==> flow/design.v <==
module dp_relation_v2 #(
  parameter DW = 64
) (
  input  wire CLK,
  input  wire i_rst_n,
  input  wire [DW-1:0] dataa,
  input  wire [DW-1:0] datab,
  output wire is_gt
);
  reg [DW-1:0] dataa_ff;
  always @(posedge CLK or negedge i_rst_n) begin
    if (~i_rst_n) begin
      dataa_ff <= 0;
    end else begin
      dataa_ff <= dataa;
    end
  end
  reg [DW-1:0] datab_ff;
  always @(posedge CLK or negedge i_rst_n) begin
    if (~i_rst_n) begin
      datab_ff <= 0;
    end else begin
      datab_ff <= datab;
    end
  end
  wire [DW:0] cc;
  assign cc[0] = 1'b0;
  genvar g;
  generate
    for (g = 0; g < DW; g = g + 1) begin : blk
      assign cc[g+1] = (dataa_ff[g] ^ datab_ff[g]) ? dataa_ff[g] : cc[g];
    end
  endgenerate
  assign is_gt = cc[DW];
endmodule
Tool chain data of dp_relation_v2
Tool output for the design above, in the order of the flow.
Line numbers count from 1 in the design file above.
Library cell names are shortened.
{"block": "setup", "design": "dp_relation_v2", "clk_port": "CLK", "lib": "sky130hd", "corner": "tt_025C_1v80"}

Word level
Counts by Yosys on the flattened word-level netlist (proc, flatten, opt, wreduce; memories kept). Register bits leave out memories and registers merged into their read ports (data or address); mux counts leave out enables and synchronous resets folded into registers. Print and check cells are left out. Cells with the same type and inputs are merged into one.
{"block": "bits", "wordCells": 130, "input_bits": 130, "out_inout_bits": 1, "ff_bits": 128}
{"block": "classes", "n_mux": 64, "bitwise": 64}
{"block": "op_table", "cell": "bitwise XOR 1 bit", "count": 64}
{"block": "op_table", "cell": "two-way mux 1 bit", "count": 64}

Depth
Yosys ltp: most cells in a row. Word level: on the elaborated netlist, between registers, memories and ports. Mapped: between sequential cells and ports; inverters and the memories' decode and read muxes count.
{"block": "depth", "ltp_word": 65, "ABC_AREA": 0, "ltp_mapped": 6, "mapped_depth_nobuf": 6}

Synthesis result
Yosys stat after the flow's synthesis: flattened, memories mapped to cells. It holds for the ABC_AREA given above (unset counts as 0); a run with the other value may have another netlist.
Totals and module areas in this step are rounded.
{"block": "synth_totals", "n_buf": 0, "flip_flops": 128, "synth_area_um2": 4450, "seqArea_um2": 3200, "cell_count": 311}
{"block": "by_type", "cell_type": "dfrtp_1", "count": 128, "area_total_um2": 3.2E+03}
{"block": "by_type", "cell_type": "inv_1", "count": 49, "area_total_um2": 183.926}
{"block": "by_type", "cell_type": "nor2b_1", "count": 27, "area_total_um2": 168.912}
{"block": "by_type", "cell_type": "nand2b_1", "count": 14, "area_total_um2": 87.584}
{"block": "by_type", "cell_type": "maj3_2", "count": 5, "area_total_um2": 56.304}
{"block": "by_type", "cell_type": "a2111oi_4", "count": 2, "area_total_um2": 55.053}
{"block": "by_type", "cell_type": "o22ai_1", "count": 8, "area_total_um2": 50.048}
{"block": "by_type", "cell_type": "a2111oi_2", "count": 3, "area_total_um2": 45.043}
{"block": "by_type", "cell_type": "a2bb2oi_1", "count": 5, "area_total_um2": 43.792}
{"block": "by_type", "cell_type": "o31a_1", "count": 5, "area_total_um2": 43.792}
{"block": "by_type", "cell_type": "a211oi_1", "count": 4, "area_total_um2": 30.029}
{"block": "by_type", "cell_type": "a22oi_1", "count": 4, "area_total_um2": 30.029}
{"block": "by_type", "cell_type": "o211ai_1", "count": 4, "area_total_um2": 30.029}
{"block": "by_type", "cell_type": "a221oi_1", "count": 3, "area_total_um2": 26.275}
{"block": "by_type", "cell_type": "o221ai_1", "count": 3, "area_total_um2": 26.275}
{"block": "by_type", "cell_type": "nor4_2", "count": 2, "area_total_um2": 25.024}
{"block": "by_type", "cell_type": "a21oi_1", "count": 4, "area_total_um2": 20.019}
{"block": "by_type", "cell_type": "maj3_1", "count": 2, "area_total_um2": 20.019}
Not listed: further types 28, cells in them 39.

Path before layout
Source: OpenSTA report_checks on the synthesized netlist (no wires, ideal clock, input and output delay 20% of the period each), path of least setup slack; recovery checks are left aside. Register names are those of the netlist, which keeps one name where synthesis merged equal registers.
{"block": "synth_path", "kind": "register -> output", "startpoint": "register datab_ff[36]", "endpoint": "output port is_gt", "n_path_buf": 0, "period_ns": 2.43, "required_ns": 1.944, "delay_ns": 1.553, "stages": 7, "launch_ns": 0.000, "path_slack_ns": 0.391, "output_delay_ns": 0.486, "arrival_time_ns": 1.553, "period_less_setup_slack_ns": 2.039}
"delay_ns" is the arrival time less input delay plus setup time.
A path that ends at an output port has no setup time.
"stages" counts driving pins, that of a launching flip-flop among them; a cell with two outputs on the path counts twice.
"period_less_setup_slack_ns" = period - worst setup slack (recovery checks aside). The figure is calculated, with input and output delays left at 20% of the set period.
The rows between start and end are the longest chain of elaborated cells between them; the timing report does not say that the signal goes this way. Where chains are equally long, one stands for them.
A line is the first line of the expression or statement that the cell stems from. Yosys adds cells for indexed reads and writes and turns some case tables into memories.
{"block": "synth_via", "cell_sequence": "dfrtp_1 -> nand2b_4 -> a31o_1 -> maj3_2 -> nor4_2 -> nand3_1 -> o211ai_2", "elab_chain_cells": 29, "cone_cells": 29, "cone_lines": 1, "classes_between": "28 x mux; 1 x logic"}
{"block": "synth_rtl", "item": "from (decl)", "line": 18, "rtl": "reg [DW-1:0] datab_ff;"}
{"block": "synth_rtl", "item": "from (assign)", "line": 21, "rtl": "datab_ff <= 0;"}
{"block": "synth_rtl", "item": "from (assign)", "line": 23, "rtl": "datab_ff <= datab;"}
{"block": "synth_rtl", "item": "bitwise XOR 1 bit", "line": 31, "rtl": "assign cc[g+1] = (dataa_ff[g] ^ datab_ff[g]) ? dataa_ff[g] : cc[g];"}
{"block": "synth_rtl", "item": "two-way mux 1 bit x28", "line": 31}
{"block": "synth_rtl", "item": "to (decl)", "line": 8, "rtl": "output wire is_gt"}

Worst path after layout
From the final timing report of flow run A: the path of least setup slack in the routed layout; clock arrival at registers is part of the times.
{"block": "layout_path", "kind": "register -> output", "startpoint": "register datab_ff[42]", "endpoint": "output port is_gt", "stages": 9, "n_path_buf": 2, "launch_ns": 0.39, "period_ns": 1.43, "output_delay_ns": 0.29, "required_ns": 1.14, "path_slack_ns": -1.09, "arrival_time_ns": 2.23}
The rows between start and end are the longest chain of elaborated cells between them; the timing report does not say that the signal goes this way. Where chains are equally long, one stands for them.
{"block": "layout_via", "cell_sequence": "dfrtp_1 -> nor2b_4 -> a2111oi_4 -> o221ai_2 -> buf_4 -> a211oi_2 -> o311ai_1 -> o211ai_2 -> buf_2", "elab_chain_cells": 23, "cone_cells": 23, "cone_lines": 1, "classes_between": "22 x mux; 1 x logic"}
{"block": "layout_rtl", "item": "from (decl)", "line": 18, "rtl": "reg [DW-1:0] datab_ff;"}
{"block": "layout_rtl", "item": "from (assign)", "line": 21, "rtl": "datab_ff <= 0;"}
{"block": "layout_rtl", "item": "from (assign)", "line": 23, "rtl": "datab_ff <= datab;"}
{"block": "layout_rtl", "item": "bitwise XOR 1 bit", "line": 31, "rtl": "assign cc[g+1] = (dataa_ff[g] ^ datab_ff[g]) ? dataa_ff[g] : cc[g];"}
{"block": "layout_rtl", "item": "two-way mux 1 bit x22", "line": 31}
{"block": "layout_rtl", "item": "to (decl)", "line": 8, "rtl": "output wire is_gt"}

3 stored runs of dp_relation_v2 in the flow (synthesis by Yosys, layout by OpenROAD, sky130hd cells), in arbitrary order. Constraints: input delay and output delay 20% of the set period each, output load 0.01 pF.
"clock_period_reached_ns" = clock period - worst setup slack. The figure is calculated, with input and output delays left at 20% of the set period.
"timing.worst_path_ns" is the time allowed to the run's worst setup path (the clock period less input and output delay, where it has them) less its slack. Clock arrival times count: a late capture clock shortens it, a late launch clock lengthens it.
"final_power_uw": no workload was simulated; the value follows from the tool's default switching activity.
Values from the reports are rounded here.

Flow run A
==> flow/run.sh <==
#!/bin/bash
# the make line also repeats the synthesis and layout settings of config.mk as NAME=value (left out here)
make -C /OpenROAD-flow-scripts/flow DESIGN_CONFIG=/design/flow/config.mk WORK_HOME=/design/flow/orfs CLKGATE_MAP_FILE= finish
==> flow/config.mk <==
export PLATFORM = sky130hd
export DESIGN_NAME = dp_relation_v2
export DESIGN_NICKNAME = dp_relation_v2
export VERILOG_FILES = /design/flow/design.v
export SDC_FILE = /design/flow/constraint.sdc
export NUM_CORES = 4
export LEC_CHECK = 0
export CAP_MARGIN = 20
export CELL_PAD_IN_SITES_GLOBAL_PLACEMENT = 2
export CORE_ASPECT_RATIO = 0.75
export CORE_MARGIN = 2
export CORE_UTILIZATION = 36
export CTS_CLUSTER_DIAMETER = 358
export GPL_TIMING_DRIVEN = 1
export MAX_ROUTING_LAYER = met4
export PLACE_DENSITY_LB_ADDON = 0.05
export SETUP_SLACK_MARGIN = -0.0
export SLEW_MARGIN = 40
==> flow/constraint.sdc <==
create_clock -name core_clock -period 1.43 [get_ports {CLK}]
set_input_delay 0.2860 -clock core_clock [delete_from_list [all_inputs] [get_ports {CLK}]]
set_output_delay 0.2860 -clock core_clock [all_outputs]
set_load 0.01 [all_outputs]

==> results of flow run A, as JSON <==
{
  "final_die_area_um2": 13300,
  "timing.worst_path_ns": 2.23,
  "path_kind": "register -> output",
  "yosys.chip_area_um2": 4450,
  "ws_setup_ns": -1.09,
  "final_power_uw": 8750,
  "clock_period_reached_ns": 2.516,
  "ws_hold_ns": 0.321,
  "finish.utilization_frac": 0.564,
  "tns_ns": -1.09
}

Flow run B
==> flow/run.sh <==
#!/bin/bash
# the make line also repeats the synthesis and layout settings of config.mk as NAME=value (left out here)
make -C /OpenROAD-flow-scripts/flow DESIGN_CONFIG=/design/flow/config.mk WORK_HOME=/design/flow/orfs CLKGATE_MAP_FILE= finish
==> flow/config.mk <==
export PLATFORM = sky130hd
export DESIGN_NAME = dp_relation_v2
export DESIGN_NICKNAME = dp_relation_v2
export VERILOG_FILES = /design/flow/design.v
export SDC_FILE = /design/flow/constraint.sdc
export NUM_CORES = 4
export LEC_CHECK = 0
export CAP_MARGIN = 20
export CORE_MARGIN = 2
export CORE_UTILIZATION = 40
export SLEW_MARGIN = 20
==> flow/constraint.sdc <==
create_clock -name core_clock -period 2.43 [get_ports {CLK}]
set_input_delay 0.4860 -clock core_clock [delete_from_list [all_inputs] [get_ports {CLK}]]
set_output_delay 0.4860 -clock core_clock [all_outputs]
set_load 0.01 [all_outputs]

==> results of flow run B, as JSON <==
{
  "final_die_area_um2": 12000,
  "timing.worst_path_ns": 2.27,
  "path_kind": "register -> output",
  "yosys.chip_area_um2": 4450,
  "ws_setup_ns": -0.321,
  "final_power_uw": 5280,
  "clock_period_reached_ns": 2.751,
  "ws_hold_ns": 0.416,
  "finish.utilization_frac": 0.634,
  "tns_ns": -0.321
}

Flow run C
==> flow/run.sh <==
#!/bin/bash
# the make line also repeats the synthesis and layout settings of config.mk as NAME=value (left out here)
make -C /OpenROAD-flow-scripts/flow DESIGN_CONFIG=/design/flow/config.mk WORK_HOME=/design/flow/orfs CLKGATE_MAP_FILE= finish
==> flow/config.mk <==
export PLATFORM = sky130hd
export DESIGN_NAME = dp_relation_v2
export DESIGN_NICKNAME = dp_relation_v2
export VERILOG_FILES = /design/flow/design.v
export SDC_FILE = /design/flow/constraint.sdc
export NUM_CORES = 4
export LEC_CHECK = 0
export CAP_MARGIN = 15
export CELL_PAD_IN_SITES_DETAIL_PLACEMENT = 0
export CORE_ASPECT_RATIO = 1.89
export CORE_MARGIN = 10
export CORE_UTILIZATION = 62
export CTS_CLUSTER_DIAMETER = 202
export CTS_CLUSTER_SIZE = 46
export HOLD_SLACK_MARGIN = 0.15
export MAX_ROUTING_LAYER = met4
export MIN_ROUTING_LAYER = met2
export PLACE_DENSITY = 0.6
export SETUP_SLACK_MARGIN = 0.29
export SLEW_MARGIN = 25
export TNS_END_PERCENT = 60
==> flow/constraint.sdc <==
create_clock -name core_clock -period 1.31 [get_ports {CLK}]
set_input_delay 0.2620 -clock core_clock [delete_from_list [all_inputs] [get_ports {CLK}]]
set_output_delay 0.2620 -clock core_clock [all_outputs]
set_load 0.01 [all_outputs]

==> results of flow run C, as JSON <==
{
  "outcome": "incomplete, clock tree synthesis halted on DPL-0033"
}
